==> flow/design.v <==
module aligner_n #(
    parameter DATA_WIDTH = 28,
    parameter SEL_WIDTH = $clog2(DATA_WIDTH)
) (
    input wire i_clk,
    input wire resetn,
    input wire step,
    input wire [DATA_WIDTH-1:0] in_in,
    input wire [SEL_WIDTH-1:0] in_count,
    output wire [DATA_WIDTH-1:0] out_data_out
);
    reg [DATA_WIDTH-1:0] in_r;
    reg [SEL_WIDTH-1:0] count_r;
    always @(posedge i_clk) begin
        if (!resetn) begin
            in_r <= 0;
            count_r <= 0;
        end else if (step) begin
            in_r <= in_in;
            count_r <= in_count;
        end
    end
    assign out_data_out = (in_r << count_r) | (in_r >> (DATA_WIDTH - count_r));
endmodule
# --- Reports on aligner_n ---
# Tool output for the members of one design family, told apart by "DATA_WIDTH", in the order of the flow.
# The RTL above is that of DATA_WIDTH 28; lines are counted from 1 in the file of the member named.
# Library cell names are shortened.
design:
  top_module: "aligner_n"
  clk_port: "i_clk"
  cell_library: "sky130hd"
  pvt_corner: "tt_025C_1v80"

# --- Source of the members ---
# Lines of each other member's file that are new or changed against the file above; lines that a member lacks are not shown.
src_changes:
  columns: ["DATA_WIDTH", "line", "rtl"]
  rows:
  - [32, 2, "parameter DATA_WIDTH = 32,"]
  - [56, 2, "parameter DATA_WIDTH = 56,"]
  - [64, 2, "parameter DATA_WIDTH = 64,"]
  - [128, 2, "parameter DATA_WIDTH = 128,"]

# --- After elaboration ---
# Source: Yosys, flattened and elaborated, memories not mapped. Widths are those after wreduce; folded enables and synchronous resets count as part of the registers. Registers that Yosys merges into a memory's read port (data or address) are not register bits. Print and check cells do not count. Equal cells are merged and count once.
op_classes:
  columns: ["DATA_WIDTH", "shift", "n_addsub", "n_logic"]
  rows:
  - [28, 2, 1, 1]
  - [32, 2, 1, 1]
  - [56, 2, 1, 1]
  - [64, 2, 1, 1]
  - [128, 2, 1, 1]
ops:
  columns: ["DATA_WIDTH", "operators"]
  rows:
  - [28, "1 x >> shifter 28 x 32 -> 28 bit; 1 x bitwise OR 28 bit; 1 x << shifter 28 x 5 -> 28 bit; 1 x subtractor 5 x 5 -> 6 bit with constant A"]
  - [32, "1 x bitwise OR 32 bit; 1 x >> shifter 32 x 32 -> 32 bit; 1 x << shifter 32 x 5 -> 32 bit; 1 x subtractor 6 x 5 -> 7 bit with constant A"]
  - [56, "1 x >> shifter 56 x 32 -> 56 bit; 1 x bitwise OR 56 bit; 1 x << shifter 56 x 6 -> 56 bit; 1 x subtractor 6 x 6 -> 7 bit with constant A"]
  - [64, "1 x >> shifter 64 x 32 -> 64 bit; 1 x << shifter 64 x 6 -> 64 bit; 1 x bitwise OR 64 bit; 1 x subtractor 7 x 6 -> 8 bit with constant A"]
  - [128, "1 x bitwise OR 128 bit; 1 x >> shifter 128 x 32 -> 128 bit; 1 x << shifter 128 x 7 -> 128 bit; 1 x subtractor 8 x 7 -> 9 bit with constant A"]
bits:
  columns: ["DATA_WIDTH", "reg_bits", "wordCells", "input_bits", "out_inout_bits"]
  rows:
  - [28, 33, 6, 36, 28]
  - [32, 37, 6, 40, 32]
  - [56, 62, 6, 65, 56]
  - [64, 70, 6, 73, 64]
  - [128, 135, 6, 138, 128]

# --- Longest topological paths ---
# Depth = most cells in a row (Yosys ltp): at word level without a register or memory, in the mapped netlist without a sequential cell, where the memories' decode and read muxes count.
logic_depth:
  columns: ["DATA_WIDTH", "depth_word", "ABC_AREA", "depth_mapped", "mapped_depth_nobuf"]
  rows:
  - [28, 3, 0, 13, 7]
  - [32, 3, 0, 12, 7]
  - [56, 3, 0, 17, 8]
  - [64, 3, 0, 17, 8]
  - [128, 3, 0, 17, 8]

# --- Mapped cells and area ---
# The flow's flattened synthesis, as Yosys stat reports it; memories are mapped. The netlist is that of the ABC_AREA named above (0 if unset); the other value can give another one.
# The area totals of this step are shown rounded.
mapped:
  columns: ["DATA_WIDTH", "ff_cells", "mapped_area_um2", "cell_count", "seq_area_um2", "buffers"]
  rows:
  - [28, 33, 4473, 482, 660.6, 43]
  - [32, 37, 5171, 530, 740.7, 55]
  - [56, 62, 10610, 1160, 1241, 126]
  - [64, 70, 11960, 1375, 1401, 148]
  - [128, 135, 26690, 2686, 2703, 300]
types:
  columns: ["DATA_WIDTH", "type_list"]
  rows:
  - [28, "39 x mux4_2; 70 x mux2i_1; 33 x dfxtp_1; 26 x mux2_2; 35 x nor2b_1; 37 x nand2_1; 34 x nor2_1; 22 x a21oi_1; 4 x mux4_1; 21 x o21ai_0; 10 x a22oi_1; 14 x buf_2; 10 x o22ai_1; 6 x a221o_1; 16 x clkbuf_1; 7 x buf_4; 7 x o211ai_1; 8 x nor3_1; (+83)"]
  - [32, "101 x mux2i_1; 39 x mux4_2; 37 x dfxtp_1; 16 x mux4_1; 27 x mux2_2; 45 x nor2b_1; 35 x nand2_1; 30 x nor2_1; 18 x o21ai_0; 16 x buf_2; 7 x buf_6; 11 x o22ai_1; 15 x clkbuf_1; 11 x a21oi_1; 6 x a211o_1; 6 x a221oi_1; 10 x nand3_1; 12 x buf_1; (+88)"]
  - [56, "104 x mux4_2; 160 x mux2i_1; 62 x dfxtp_1; 73 x mux2_2; 114 x nand2_1; 66 x nor2b_1; 84 x nor2_1; 52 x a21oi_1; 39 x o21ai_0; 51 x clkbuf_1; 15 x buf_6; 22 x o22ai_1; 27 x buf_2; 17 x o211ai_1; 16 x buf_4; 19 x a31oi_1; 15 x a211oi_1; 4 x mux4_1; (+220)"]
  - [64, "237 x mux2i_1; 96 x mux4_2; 70 x dfxtp_1; 67 x mux2_2; 77 x nor2b_1; 128 x nand2_1; 111 x nor2_1; 42 x o211ai_1; 55 x a21oi_1; 21 x buf_6; 57 x clkbuf_1; 42 x o21ai_0; 41 x buf_2; 31 x o22ai_1; 23 x a211oi_1; 18 x buf_4; 13 x a221oi_1; 14 x a22oi_1; (+232)"]
  - [128, "378 x mux4_2; 394 x mux2i_1; 135 x dfxtp_1; 213 x mux2_2; 139 x nor2b_1; 205 x nand2_1; 162 x nor2_1; 95 x o22ai_1; 86 x a21oi_1; 114 x clkbuf_1; 80 x buf_2; 45 x o211ai_1; 40 x buf_4; 37 x a211oi_1; 54 x o21ai_0; 52 x nand3_1; 22 x buf_6; 28 x a211o_1; (+407)"]
# A list marked (+n) leaves out that many cells.

# --- Worst setup path after synthesis ---
# Path of least setup slack by OpenSTA after synthesis, without wires, with an ideal clock, recovery checks aside; 20% of the period is set as input and as output delay. Where synthesis merged equal registers, the netlist keeps one of their names.
synth_path:
  columns: ["DATA_WIDTH", "path_type", "startpoint", "endpoint", "delay_ps", "path_slack_ps", "path_stages", "tclk_ps", "synth_period_reached_ps"]
  rows:
  - [28, "register to output", "register count_r[1]", "output port out_data_out[1]", 2968, 744, 12, 4640, 3896]
  - [32, "register to output", "register count_r[1]", "output port out_data_out[0]", 2743, 689, 12, 4290, 3601]
  - [56, "register to output", "register count_r[0]", "output port out_data_out[3]", 3183, 793, 16, 4970, 4177]
  - [64, "register to output", "register count_r[0]", "output port out_data_out[45]", 3599, 897, 15, 5620, 4723]
  - [128, "register to output", "register count_r[0]", "output port out_data_out[61]", 3774, 946, 16, 5900, 4954]
# "delay_ps" = arrival - input delay + setup time.
# At an output port there is no setup time.
# "path_stages" counts driving pins, that of a launching flip-flop among them; a cell with two outputs on the path counts twice.
# "synth_period_reached_ps" is the clock period less the worst setup slack; recovery checks do not enter. This is arithmetic on one report: input and output delays are still those of the set period (20% each).
# Between the ends stands the longest chain of elaborated cells between them, by number of cells; it is not shown to be the way that was timed. Of several equally long chains one is given.
# A line is the first line of the expression or statement that the cell stems from. Yosys adds cells for indexed reads and writes and turns some case tables into memories.
synth_via_DATA_WIDTH_28:
  elab_chain_cells: 3
synth_rtl_DATA_WIDTH_28:
  columns: ["element", "line", "rtl"]
  rows:
  - ["start: declaration", 13, "reg [SEL_WIDTH-1:0] count_r;"]
  - ["start: assignment", 17, "count_r <= 0;"]
  - ["start: assignment", 20, "count_r <= in_count;"]
  - ["subtractor 5 x 5 -> 6 bit", 23, "assign out_data_out = (in_r << count_r) | (in_r >> (DATA_WIDTH - count_r));"]
  - [">> shifter 28 x 32 -> 28 bit", 23, null]
  - ["bitwise OR 28 bit", 23, null]
  - ["end: declaration", 10, "output wire [DATA_WIDTH-1:0] out_data_out"]
synth_via_DATA_WIDTH_128:
  elab_chain_cells: 3
synth_rtl_DATA_WIDTH_128:
  columns: ["element", "line", "rtl"]
  rows:
  - ["start: declaration", 13, "reg [SEL_WIDTH-1:0] count_r;"]
  - ["start: assignment", 17, "count_r <= 0;"]
  - ["start: assignment", 20, "count_r <= in_count;"]
  - ["subtractor 8 x 7 -> 9 bit", 23, "assign out_data_out = (in_r << count_r) | (in_r >> (DATA_WIDTH - count_r));"]
  - [">> shifter 128 x 32 -> 128 bit", 23, null]
  - ["bitwise OR 128 bit", 23, null]
  - ["end: declaration", 10, "output wire [DATA_WIDTH-1:0] out_data_out"]

# --- Worst path after layout ---
# From the final timing report of the run of each member: the path of least setup slack in the routed layout; clock arrival at registers is part of the times.
# The report prints the path's times to 10 ps; the period is as set.
layout_path:
  columns: ["DATA_WIDTH", "path_type", "startpoint", "endpoint", "path_slack_ps", "tclk_ps", "n_path_buf", "path_stages", "t_arrival_ps"]
  rows:
  - [28, "register to output", "register count_r[0]", "output port out_data_out[20]", 230, 4640, 2, 6, 3480]
  - [32, "register to output", "register count_r[0]", "output port out_data_out[12]", 110, 4290, 2, 8, 3320]
  - [56, "register to output", "register count_r[0]", "output port out_data_out[7]", 100, 4970, 2, 11, 3880]
  - [64, "register to output", "register count_r[0]", "output port out_data_out[48]", 160, 5620, 2, 11, 4340]
  - [128, "register to output", "register count_r[1]", "output port out_data_out[18]", -50, 5900, 2, 9, 4770]

# --- Measured runs ---
# One run of the flow (Yosys, OpenROAD) for each member, with settings and measured results. Input and output delays are each 20% of the period that was set; the output load is 0.01 pF.
settings:
  CAP_MARGIN: 20
  CORE_MARGIN: 2
  CORE_UTILIZATION: 40
  SLEW_MARGIN: 20
settings_diff:
  columns: ["DATA_WIDTH", "period_ns"]
  rows:
  - [28, 4.64]
  - [32, 4.29]
  - [56, 4.97]
  - [64, 5.62]
  - [128, 5.9]
results:
  columns: ["DATA_WIDTH", "achieved_clock_period_ps", "finish.utilization_pct", "synth_chip_area_um2", "finish.stdcell_area_um2", "final_die_area_um2", "total_power_w", "final_setup_ws_ps", "final_setup_tns_ps"]
  rows:
  - [28, 4410, 48.5, 4473, 5281, 12040, 0.001189, 230, 0]
  - [32, 4178, 49.1, 5171, 6196, 13850, 0.001689, 112, 0]
  - [56, 4873, 48.0, 10610, 12500, 27840, 0.003165, 97, 0]
  - [64, 5461, 46.8, 11960, 13840, 31310, 0.003074, 159, 0]
  - [128, 5950, 48.1, 26690, 31700, 68810, 0.007556, -50, -80]
# "achieved_clock_period_ps" is the run's clock period less its worst setup slack. It is reckoned from that one timing run; input and output delays stay at 20% of the period that was set.
# "total_power_w" is the tool's figure for a default switching activity; nothing was simulated.
# The measured numbers are rounded.
